==> flow/design.v <==
module gen_relation #(
   parameter BITS = 10
) (
   input wire clk_i,
   input wire [BITS-1:0] i_x,
   input wire [BITS-1:0] i_y,
   output reg o_equal
);
   reg [BITS-1:0] x_q;
   reg [BITS-1:0] y_q;
   always @(posedge clk_i) begin
      x_q <= i_x;
      y_q <= i_y;
   end
   wire [BITS-1:0] work = x_q ^ y_q;
   always @(posedge clk_i)
      o_equal <= ~|work;
endmodule
# Step by step through the tools: gen_relation

A sweep over "BITS": the same steps for each member of the family.
The file above is the member BITS 10. Line numbers count from 1 in each member's own file.
Cell names lack the library's common part.
A cell with - has no value.

Design top: gen_relation
Clock: clk_i
Library: sky130hd
Timing corner: tt_025C_1v80

# Source of the members

Lines of each other member's file that are new or changed against the file above; lines that a member lacks are not shown.

New or changed lines:

| BITS | RTL line | source |
| 16   | 2        | `parameter BITS = 16` |
| 18   | 2        | `parameter BITS = 18` |
| 28   | 2        | `parameter BITS = 28` |
| 56   | 2        | `parameter BITS = 56` |
| 96   | 2        | `parameter BITS = 96` |
| 128  | 2        | `parameter BITS = 128` |

# After elaboration

Counts by Yosys on the flattened word-level netlist (proc, flatten, opt, wreduce; memories kept). Register bits leave out memories and registers merged into their read ports (data or address); mux counts leave out enables and synchronous resets folded into registers. Print and check cells are left out. Cells with the same type and inputs are merged into one.

Cells by class:

| BITS | bitwise gates (word level) | reduce/logical cells |
| 10   | 1                          | 2 |
| 16   | 1                          | 2 |
| 18   | 1                          | 2 |
| 28   | 1                          | 2 |
| 56   | 1                          | 2 |
| 96   | 1                          | 2 |
| 128  | 1                          | 2 |

Operators by type and width:

| BITS | kinds with counts |
| 10   | XOR 10 bit: 1; OR reduction 10 bit: 1; logical NOT 1 bit: 1 |
| 16   | XOR 16 bit: 1; OR reduction 16 bit: 1; logical NOT 1 bit: 1 |
| 18   | XOR 18 bit: 1; OR reduction 18 bit: 1; logical NOT 1 bit: 1 |
| 28   | XOR 28 bit: 1; OR reduction 28 bit: 1; logical NOT 1 bit: 1 |
| 56   | XOR 56 bit: 1; OR reduction 56 bit: 1; logical NOT 1 bit: 1 |
| 96   | XOR 96 bit: 1; OR reduction 96 bit: 1; logical NOT 1 bit: 1 |
| 128  | XOR 128 bit: 1; OR reduction 128 bit: 1; logical NOT 1 bit: 1 |

Bit counts:

| BITS | word-level cells | bits in registers | output and inout bits |
| 10   | 6                | 21                | 1 |
| 16   | 6                | 33                | 1 |
| 18   | 6                | 37                | 1 |
| 28   | 6                | 57                | 1 |
| 56   | 6                | 113               | 1 |
| 96   | 6                | 193               | 1 |
| 128  | 6                | 257               | 1 |

# Longest topological paths

Longest topological path by Yosys (ltp), each cell counted once; first at word level (registers and memories cut), then after technology mapping (sequential cells cut; the memories' decode and read muxes count).

Logic depth:

| BITS | depth in word-level cells | ABC_AREA | gate-level depth with buffers | mapped depth without buffers |
| 10   | 3                         | 0        | 3                             | 3 |
| 16   | 3                         | 0        | 3                             | 3 |
| 18   | 3                         | 0        | 4                             | 4 |
| 28   | 3                         | 0        | 4                             | 4 |
| 56   | 3                         | 0        | 4                             | 4 |
| 96   | 3                         | 0        | 5                             | 5 |
| 128  | 3                         | 0        | 5                             | 5 |

# Mapped cells and area

Yosys stat after the flow's synthesis: flattened, memories mapped to cells. It holds for the ABC_AREA given above (unset counts as 0); a run with the other value may have another netlist.

Cells by type:

| BITS | type and count |
| 10   | dfxtp_1: 21; xnor2_1: 8; xor2_1: 2; nand4_1: 2; nor4_2: 1 |
| 16   | dfxtp_1: 33; xnor2_1: 16; nand4_1: 4; nor4_2: 1 |
| 18   | dfxtp_1: 37; xor2_1: 14; xnor2_1: 4; nor4_1: 3; nor4_2: 1; nand4_1: 1; nand3_1: 1 |
| 28   | dfxtp_1: 57; xor2_1: 16; xnor2_1: 12; nand4_1: 4; nor4_1: 4; nor4_2: 1 |
| 56   | dfxtp_1: 113; xor2_1: 56; nor4_1: 14; nand4_1: 3; nor4_2: 1; nand2_1: 1 |
| 96   | dfxtp_1: 193; xnor2_1: 64; xor2_1: 32; nand4_1: 19; nor4_1: 11; nor4_2: 1; nor3_2: 1 |
| 128  | dfxtp_1: 257; xnor2_1: 128; nand4_1: 34; nor4_1: 7; nor4_2: 1; nor2_1: 1 |

Synthesis totals:

| BITS | area of sequential cells (µm²) | buffer cells | mapped area (µm²) | mapped flip-flops | standard cells after synthesis |
| 10   | 420.4                          | 0            | 533.0             | 21                | 34 |
| 16   | 660.6                          | 0            | 838.3             | 33                | 54 |
| 18   | 740.7                          | 0            | 940.9             | 37                | 61 |
| 28   | 1141.1                         | 0            | 1448.9            | 57                | 94 |
| 56   | 2262.2                         | 0            | 2875.3            | 113               | 188 |
| 96   | 3863.7                         | 0            | 4914.7            | 193               | 321 |
| 128  | 5144.9                         | 0            | 6538.8            | 257               | 428 |

# Worst setup path after synthesis

OpenSTA on the mapped netlist: ideal clock, no wires. The path of least setup slack (recovery checks aside). Input and output delay are each 20% of the period. Register names are those of the netlist, which keeps one name where synthesis merged equal registers.

Timing post-synthesis:

| BITS | path kind              | start       | end         | period (ps) | driving pins on the path | path delay (ps) | slack (ps) | synthesis period reached (ps) |
| 10   | flip-flop to flip-flop | reg y_q[5]  | reg o_equal | 1010        | 4                        | 808             | 203        | 807 |
| 16   | flip-flop to flip-flop | reg y_q[10] | reg o_equal | 1080        | 4                        | 865             | 215        | 865 |
| 18   | flip-flop to flip-flop | reg y_q[11] | reg o_equal | 1410        | 5                        | 1128            | 282        | 1128 |
| 28   | flip-flop to flip-flop | reg y_q[19] | reg o_equal | 1270        | 5                        | 1017            | 253        | 1017 |
| 56   | flip-flop to flip-flop | reg y_q[44] | reg o_equal | 1440        | 5                        | 1148            | 292        | 1148 |
| 96   | flip-flop to flip-flop | reg y_q[30] | reg o_equal | 1340        | 6                        | 1074            | 266        | 1074 |
| 128  | flip-flop to flip-flop | reg y_q[85] | reg o_equal | 1300        | 6                        | 1043            | 257        | 1043 |

"path delay" = arrival - input delay + setup time.
"driving pins on the path" counts driving pins, that of a launching flip-flop among them; a cell with two outputs on the path counts twice.
"synthesis period reached" is the clock period less the worst setup slack; recovery checks do not enter. This is arithmetic on one report: input and output delays are still those of the set period (20% each).
The rows between start and end are the longest chain of elaborated cells between them; the timing report does not say that the signal goes this way. Where chains are equally long, one stands for them.
Each line given opens the expression or statement behind the cell; cells for indexed reads and writes are added by Yosys, which also makes memories of some case tables.

Between the ends, post-synthesis, BITS 10:
Length of the longest elaborated chain: 3

Ends and longest elaborated chain, post-synthesis, BITS 10:

| element             | RTL line | source |
| start: declaration  | 10       | `reg [BITS-1:0] y_q;` |
| start: assignment   | 13       | `y_q <= i_y;` |
| XOR 10 bit          | 15       | `wire [BITS-1:0] work = x_q ^ y_q;` |
| OR reduction 10 bit | 17       | `o_equal <= ~\|work;` |
| logical NOT 1 bit   | 17       |  |
| end: assignment     | 17       |  |
| end: declaration    | 7        | `output reg o_equal` |

Between the ends, post-synthesis, BITS 128:
Length of the longest elaborated chain: 3

Ends and longest elaborated chain, post-synthesis, BITS 128:

| element              | RTL line | source |
| start: declaration   | 10       | `reg [BITS-1:0] y_q;` |
| start: assignment    | 13       | `y_q <= i_y;` |
| XOR 128 bit          | 15       | `wire [BITS-1:0] work = x_q ^ y_q;` |
| OR reduction 128 bit | 17       | `o_equal <= ~\|work;` |
| logical NOT 1 bit    | 17       |  |
| end: assignment      | 17       |  |
| end: declaration     | 7        | `output reg o_equal` |

# Timing after layout

From the final timing report of each member's run: the path of least setup slack in the routed layout; clock arrival at registers is part of the times.
The path's times are printed in steps of 10 ps; the period is the one set.

Timing post-layout:

| BITS | path kind                | start       | end         | period (ps) | slack (ps) | driving pins on the path | data arrival time (ps) |
| 10   | flip-flop to output port | reg o_equal | out o_equal | 1010        | 70         | 2                        | 740 |
| 16   | flip-flop to output port | reg o_equal | out o_equal | 1080        | 120        | 2                        | 750 |
| 18   | flip-flop to flip-flop   | reg y_q[5]  | reg o_equal | 1410        | 140        | 5                        | 1510 |
| 28   | flip-flop to flip-flop   | reg y_q[25] | reg o_equal | 1270        | 90         | 5                        | 1460 |
| 56   | flip-flop to output port | reg o_equal | out o_equal | 1440        | 70         | 2                        | 1090 |
| 96   | flip-flop to flip-flop   | reg y_q[63] | reg o_equal | 1340        | -160       | 7                        | 1840 |
| 128  | flip-flop to flip-flop   | reg x_q[34] | reg o_equal | 1300        | -140       | 7                        | 1890 |

# Measured runs

Settings and results of one run of the flow (Yosys, OpenROAD) for each member follow. The constraints put input and output delay at 20% of the set period each and load the outputs with 0.01 pF.

CAP_MARGIN: 20
CORE_MARGIN: 2
CORE_UTILIZATION: 40
SLEW_MARGIN: 20

Settings that differ:

| BITS | period_ns |
| 10   | 1.01 |
| 16   | 1.08 |
| 18   | 1.41 |
| 28   | 1.27 |
| 56   | 1.44 |
| 96   | 1.34 |
| 128  | 1.3 |

Final reports:

| BITS | sum of negative setup slack (ps) | Yosys chip area after synthesis (µm²) | standard-cell area after layout (µm²) | worst hold slack (ps) | worst setup slack after layout (ps) | overall power (µW) | utilization after layout (%) | overall die area (µm²) | clock period achieved (ps) |
| 10   | 0                                | 533.0                                 | 784.5                                 | 336                   | 71                                  | 1371               | 61.8                         | 1640.7                 | 939 |
| 16   | 0                                | 838.3                                 | 1246.2                                | 336                   | 118                                 | 2083               | 63.5                         | 2478.1                 | 962 |
| 18   | 0                                | 940.9                                 | 1396.3                                | 391                   | 143                                 | 1752               | 63.1                         | 2756.2                 | 1267 |
| 28   | 0                                | 1448.9                                | 2202.1                                | 314                   | 94                                  | 3283               | 64.5                         | 4119.7                 | 1176 |
| 56   | 0                                | 2875.3                                | 4813.4                                | 233                   | 67                                  | 8223               | 70.1                         | 7881.9                 | 1373 |
| 96   | -163                             | 4914.7                                | 7699.9                                | 287                   | -163                                | 12192              | 64.1                         | 13189.4                | 1503 |
| 128  | -139                             | 6538.8                                | 10332.4                               | 186                   | -139                                | 16860              | 64.8                         | 17385.7                | 1439 |

"clock period achieved": clock period set for the run, less the worst setup slack. It is reckoned from that one timing run; input and output delays stay at 20% of the period that was set.
"overall power" is the tool's figure for a default switching activity; nothing was simulated.
